==> flow/design.v <==
module dp_scratch_blk #(
    parameter integer DEPTH = 6,
    parameter integer DATA_W = 12,
    parameter integer NR = 8,
    parameter integer AWIDTH = $clog2(DEPTH)
) (
    input  logic sys_clk,
    input  logic i_wr,
    input  logic [AWIDTH-1:0] i_wa,
    input  logic [DATA_W-1:0] i_din,
    input  logic [NR*AWIDTH-1:0] i_read_addr,
    output logic [NR*DATA_W-1:0] o_rd_data
);
    logic r_wr;
    logic [AWIDTH-1:0] r_wa;
    logic [DATA_W-1:0] r_din;
    always_ff @(posedge sys_clk) begin
        r_wr <= i_wr;
        r_wa <= i_wa;
        r_din <= i_din;
    end
    logic [DATA_W-1:0] rf [DEPTH-1:0];
    always_ff @(posedge sys_clk) begin
        if (r_wr)
            rf[r_wa] <= r_din;
    end
    logic [NR*AWIDTH-1:0] r_read_addr;
    always_ff @(posedge sys_clk) begin
        r_read_addr <= i_read_addr;
    end
    logic [NR*DATA_W-1:0] cur;
    for (genvar j = 0; j < NR; j++) begin : stage
        assign cur[j*DATA_W +: DATA_W] = rf[r_read_addr[j*AWIDTH +: AWIDTH]];
    end
    assign o_rd_data = cur;
endmodule
# From RTL to reports: dp_scratch_blk
# What the tools print for dp_scratch_blk, step after step.
# Line numbers count from 1 in the design file above.
# Operators: Yosys type, input widths -> output width; for muxes data width and select width s.
# A cell with -- has no value.
# setup
top_module	dp_scratch_blk
clock	sys_clk
library	sky130hd
pvt_corner	tt_025C_1v80

# Word level
# Source: Yosys, flattened and elaborated, memories not mapped. Widths are those after wreduce; folded enables and synchronous resets count as part of the registers. Registers that Yosys merges into a memory's read port (data or address) are not register bits. Print and check cells do not count. Equal cells are merged and count once.
# Memory sizes are those after Yosys's memory passes, which may raise the word count (mostly to a power of two), join words into wider ones and drop unused or constant bits.
# op_classes
muxes	3
# op_table
op	n
$mux 12	1
$mux 3	1
$mux 1	1
# word_totals
out_inout_bits	96
clocked_rd_ports_x_width	96
reg_bits	16
input_bits	41
n_memories	1
ram_bits	72
# mem_list
name	size	width	read_ports	wr	line	text
rf	6	12	8	1	22	logic [DATA_W-1:0] rf [DEPTH-1:0];

# Depth
# Yosys ltp: most cells in a row. Word level: on the elaborated netlist, between registers, memories and ports. Mapped: between sequential cells and ports; inverters and the memories' decode and read muxes count.
# logic_depth
word_depth	1
ABC_AREA	0
ltp_mapped	4
mapped_depth_nobuf	2

# Netlist
# The flow's flattened synthesis, as Yosys stat reports it; memories are mapped. The netlist is that of the ABC_AREA named above (0 if unset); the other value can give another one.
# Totals and module areas in this step are rounded.
# mapped
mapped_area_um2	7680
ff_cells	112
cells	449
buf_cells	40
seq_area_um2	2960
# by_type
cell	n
sky130_fd_sc_hd__edfxtp_1	72
sky130_fd_sc_hd__mux4_2	96
sky130_fd_sc_hd__mux2_2	133
sky130_fd_sc_hd__dfxtp_1	40
sky130_fd_sc_hd__mux2_1	59
sky130_fd_sc_hd__buf_6	24
sky130_fd_sc_hd__buf_2	8
sky130_fd_sc_hd__clkbuf_1	8
sky130_fd_sc_hd__nand2b_1	2
sky130_fd_sc_hd__and4b_1	1
sky130_fd_sc_hd__nor3_1	2
sky130_fd_sc_hd__nor2_1	2
sky130_fd_sc_hd__nor3b_1	1
sky130_fd_sc_hd__nand2_1	1

# Timing after synthesis
# OpenSTA on the mapped netlist: ideal clock, no wires. The path of least setup slack (recovery checks aside). Input and output delay are each 20% of the period. Register names are those of the netlist, which keeps one name where synthesis merged equal registers.
# synth_timing
path_type	reg2reg
startpoint	reg r_wa[1]
endpoint	mem rf[4][0]
n_path_buf	0
clock_period_ps	2290
stages	3
arrival_ps	1437
slack_ps	454
delay_ps	1836
t_first_pin_ps	0
period_less_setup_slack_ps	1836
# "delay_ps" = arrival - input delay + setup time.
# "stages" counts driving pins, that of a launching flip-flop among them; a cell with two outputs on the path counts twice.
# "period_less_setup_slack_ps" = period - worst setup slack (recovery checks aside). The figure is calculated, with input and output delays left at 20% of the set period.
# Between the ends stands the longest chain of elaborated cells between them, by number of cells; it is not shown to be the way that was timed. Of several equally long chains one is given.
# A line is the first line of the expression or statement that the cell stems from. Yosys adds cells for indexed reads and writes and turns some case tables into memories.
# synth_via
path_cell_list	sky130_fd_sc_hd__dfxtp_1 -> sky130_fd_sc_hd__nand2b_1 -> sky130_fd_sc_hd__nor3b_1
elab_chain_len	1
cells_between	1
cone_lines	1
cone_classes	1 x mux
# synth_rtl
element	line	text
from (decl)	15	logic [AWIDTH-1:0] r_wa;
from (assign)	19	r_wa <= i_wa;
$mux 3	24	if (r_wr)
to (decl)	22	logic [DATA_W-1:0] rf [DEPTH-1:0];

# Timing after layout
# From the final timing report of run 1: the path of least setup slack in the routed layout; clock arrival at registers is part of the times.
# The report prints the path's times to 10 ps; the period is as set.
# layout_timing
path_type	reg2out
startpoint	reg (name not given)
endpoint	out o_rd_data[58]
arrival_ps	2000
slack_ps	-160
output_delay_ps	460
stages	6
clock_period_ps	2290
n_path_buf	3
t_first_pin_ps	360
# layout_via
path_cell_list	sky130_fd_sc_hd__dfxtp_4 -> sky130_fd_sc_hd__buf_12 -> sky130_fd_sc_hd__buf_16 -> sky130_fd_sc_hd__mux2_4 -> sky130_fd_sc_hd__mux4_2 -> sky130_fd_sc_hd__buf_6
# layout_rtl
element	line	text
to (decl)	12	output logic [NR*DATA_W-1:0] o_rd_data
# Chain of elaborated cells between the ends: none given.

# Below are 3 stored runs of the flow (Yosys, OpenROAD; platform sky130hd) on dp_scratch_blk, each with its settings and what was measured, unordered. Constraints: input delay and output delay 20% of the set period each, output load 0.01 pF.
# "clock_period_reached_ps" is the run's clock period less its worst setup slack. It is reckoned from that one timing run; input and output delays stay at 20% of the period that was set.
# "worst_path_allowed_less_slack_ps" = time allowed to the worst setup path (clock period - input delay - output delay, where it has them) - its slack; a late launch clock adds to it, a late capture clock takes from it.
# By "power.total_uw" is meant OpenSTA's value without simulated activity: inputs other than the clock are taken to toggle once in ten clock periods, and the tool carries that through the logic.
# "worst_path_allowed_less_slack_ps" is given in steps of 10 ps.
# The measured numbers are rounded.
# Settings: - = not set for that run.
# A result given as - is not shown for that run.
run	period_ns	CAP_MARGIN	CORE_MARGIN	CORE_UTILIZATION	SLEW_MARGIN	SETUP_SLACK_MARGIN	PLACE_DENSITY_LB_ADDON	CORE_ASPECT_RATIO	ABC_AREA	GPL_ROUTABILITY_DRIVEN	CELL_PAD_IN_SITES_DETAIL_PLACEMENT	CTS_CLUSTER_DIAMETER	finalCellArea_um2	post_route_util_frac	fin_tns_ps	final_setup_ws_ps	clock_period_reached_ps	final_die_area_um2	hold_ws_ps	power.total_uw	yosys_chip_area_um2	worst_path_allowed_less_slack_ps	path_kind
run 1	2.29	20	2	40	20	-	-	-	-	-	-	-	11300	0.603	-8320	-164	2454	20300	524	5590	7680	2000	reg2out
run 2	1.51	20	2	22	20	-0.01	0.01	1.39	1	0	-	-	16600	0.451	-28900	-455	1965	38700	336	10000	8160	1660	reg2out
run 3	2.25	20	2	47	35	0.1	0.26	-	-	0	2	86	-	-	-	-	-	-	-	-	-	-	-
# Run 3: no final report: clock tree synthesis broke off with DPL-0033
